==> flow/design.v <==
module mult #(
    parameter DW = 22
) (
    input  aclk,
    input  rst_i,
    input  [DW-1:0] arg0,
    input  [DW-1:0] arg1,
    output reg [DW-1:0] mul
);
    always @(posedge aclk or posedge rst_i) begin
        if (rst_i) begin
            mul <= 0;
        end else begin
            mul <= arg0 * arg1;
        end
    end
endmodule
# Tool chain data of mult

The steps from the RTL of mult to its reports follow in flow order.
Line numbers count from 1 in the design file above.
Operators carry their Yosys type and port widths (W data, S select, Z words).
Library cell names are shortened.
A cell with -- has no value.

Top: mult
Clock input: aclk
Library: sky130hd
Timing corner: tt_025C_1v80

# After elaboration

Yosys after proc, flatten, opt, wreduce and memory -nomap, before mapping. Enables and synchronous resets that opt folds into registers are not counted as muxes. Memory bits, and registers merged into a memory's read port (data or address), are not among the register bits. Print and check cells are not counted. Equal cells are merged and count once.

Output and inout port bits: 22
Word-level cells: 2
Bits in registers: 22
Bits of input ports: 46

Multiply operators: 1

Operators by type and width:

| cell             | count |
| $mul A22 B22 Y22 | 1 |

# Logic depth

Longest topological path by Yosys (ltp), each cell counted once; first at word level (registers and memories cut), then after technology mapping (sequential cells cut; the memories' decode and read muxes count).

Word-level depth: 1
ABC_AREA: 0
Depth in mapped cells: 22
Mapped depth without buffers: 21

# Netlist

The flow's flattened synthesis, as Yosys stat reports it; memories are mapped. The netlist is that of the ABC_AREA named above (0 if unset); the other value can give another one.
The area totals of this step are shown rounded.

Flip-flops: 22
Synthesis area: 0.00781 mm^2
Sequential part of the area: 0.000551 mm^2
Cells in the netlist: 834

Cells by type:

| cell     | count | area in all (um^2) |
| fa_1     | 173   | 3.46E+03 |
| ha_1     | 74    | 925.888 |
| and2_1   | 111   | 694.416 |
| inv_1    | 163   | 611.837 |
| dfrtp_1  | 22    | 550.528 |
| nand2_1  | 146   | 548.026 |
| xnor2_1  | 48    | 420.403 |
| clkbuf_1 | 29    | 108.854 |
| xor2_1   | 9     | 78.826 |
| a21oi_1  | 14    | 70.067 |
| a211oi_2 | 3     | 37.536 |
| a21o_1   | 4     | 30.029 |
| buf_2    | 5     | 25.024 |
| o21bai_1 | 3     | 22.522 |
| o21ai_0  | 4     | 20.019 |
| a41oi_2  | 1     | 16.266 |
| nor3_4   | 1     | 16.266 |
| o21a_1   | 2     | 15.014 |

Other cell types: 18; their cells: 22.

# Timing after synthesis

OpenSTA on the mapped netlist: ideal clock, no wires. The path of least setup slack (recovery checks aside). Input and output delay are each 20% of the period. Register names are those of the netlist, which keeps one name where synthesis merged equal registers.

Path kind: input -> register
Start point: input port arg1[2]
End point: register mul[21]
Time at the first pin: 1.720 ns
Arrival time: 7.100 ns
Clock period: 8.6 ns
Stages: 20
Path delay: 5.506 ns
Slack: 1.374 ns
Setup time: 0.126 ns
Input delay: 1.720 ns
Synthesis period reached: 7.226 ns

"path delay" = arrival - input delay + setup time.
"stages" counts driving pins, that of a launching flip-flop among them; a cell with two outputs on the path counts twice.
"synthesis period reached" is the clock period less the worst setup slack; recovery checks do not enter. This is arithmetic on one report: input and output delays are still those of the set period (20% each).
Between the ends stands the longest chain of elaborated cells between them, by number of cells; it is not shown to be the way that was timed. Of several equally long chains one is given.
A line is the first line of the expression or statement that the cell stems from. Yosys adds cells for indexed reads and writes and turns some case tables into memories.

Cell sequence: clkbuf_1 -> clkbuf_1 -> nand2_1 -> fa_1 -> fa_1 -> fa_1 -> inv_1 -> fa_1 -> inv_1 -> fa_1 -> inv_1 -> fa_1 -> fa_1 -> ha_1 -> a21oi_1 -> o21ai_0 -> a41oi_2 -> a21oi_2 -> a211oi_2 -> xnor2_1
Cells in the longest elaborated chain: 1

Ends and longest elaborated chain, post-synthesis:

| element          | line | RTL |
| start, declared  | 7    | `input  [DW-1:0] arg1,` |
| $mul A22 B22 Y22 | 14   | `mul <= arg0 * arg1;` |
| end, assigned    | 12   | `mul <= 0;` |
| end, assigned    | 14   |  |
| end, declared    | 8    | `output reg [DW-1:0] mul` |

# Worst path after layout

Path of least setup slack in the final report of flow run 1 (OpenROAD, finished layout, wires in). Where an end is a register, its clock arrival counts in the times.

Path kind: input -> register
Start point: input port arg1[4]
End point: register mul[19]
Arrival time: 6.45 ns
Slack: -0.35 ns
Stages: 22
Clock period: 5.9 ns
Setup time: 0.07 ns
Input delay: 1.18 ns
Time at the first pin: 1.18 ns

Between the ends stands the longest chain of elaborated cells between them, by number of cells; it is not shown to be the way that was timed. Of several equally long chains one is given.

Cell sequence: buf_12 -> buf_12 -> and2_4 -> fa_2 -> fa_1 -> inv_2 -> fa_1 -> inv_2 -> fa_1 -> inv_1 -> fa_1 -> inv_1 -> fa_1 -> fa_2 -> ha_4 -> a21oi_2 -> o21ai_2 -> a41oi_4 -> buf_6 -> o21bai_1 -> a21oi_1 -> xnor2_1
Cells in the longest elaborated chain: 1

Ends and longest elaborated chain, after layout:

| element          | line | RTL |
| start, declared  | 7    | `input  [DW-1:0] arg1,` |
| $mul A22 B22 Y22 | 14   | `mul <= arg0 * arg1;` |
| end, assigned    | 12   | `mul <= 0;` |
| end, assigned    | 14   |  |
| end, declared    | 8    | `output reg [DW-1:0] mul` |

Appendix: measured runs

Below are 3 stored runs of the flow (Yosys, OpenROAD; platform sky130hd) on mult, each with its settings and what was measured, unordered. Constraints: input delay and output delay 20% of the set period each, output load 0.01 pF.
By "worst setup path time" is meant the share of the clock period that the worst setup path is allowed (20% is reserved at inputs, 20% at outputs), minus its slack. Clock arrival times at its registers enter into it.
The measured numbers are rounded.
Among the settings, - means not set for that run.
Among the results, - means that no value is shown for the run.

| setting or result                      | flow run 1        | flow run 2        | flow run 3 |
| period_ns                              | 5.9               | 8.6               | 4.59       |
| CORE_UTILIZATION                       | 41                | 40                | 60         |
| PLACE_DENSITY_LB_ADDON                 | 0.1               | -                 | -          |
| CORE_MARGIN                            | 4                 | 2                 | 4          |
| ABC_AREA                               | 0                 | -                 | -          |
| GPL_ROUTABILITY_DRIVEN                 | 1                 | -                 | -          |
| CTS_CLUSTER_DIAMETER                   | 76                | -                 | 108        |
| MAX_ROUTING_LAYER                      | met5              | -                 | -          |
| CAP_MARGIN                             | 20                | 20                | 35         |
| SLEW_MARGIN                            | 20                | 20                | 20         |
| SETUP_SLACK_MARGIN                     | -                 | -                 | 0.99       |
| CELL_PAD_IN_SITES_GLOBAL_PLACEMENT     | -                 | -                 | 1          |
| CELL_PAD_IN_SITES_DETAIL_PLACEMENT     | -                 | -                 | 1          |
| TNS_END_PERCENT                        | -                 | -                 | 90         |
| MIN_ROUTING_LAYER                      | -                 | -                 | met1       |
| area of the synthesized netlist (mm^2) | 0.00781           | 0.00781           | -          |
| area of the die (mm^2)                 | 0.0213            | 0.0207            | -          |
| standard-cell area after layout (mm^2) | 0.0111            | 0.0089            | -          |
| utilization in the final report (%)    | 59.2              | 46.0              | -          |
| worst setup slack after layout (ns)    | -0.353            | 0.790             | -          |
| setup TNS (ns)                         | -1.86             | 0.000             | -          |
| worst setup path time (ns)             | 5.07              | 6.09              | -          |
| worst setup path type                  | input -> register | input -> register | -          |

Flow run 3: stopped before the end: placement reported DPL-0033
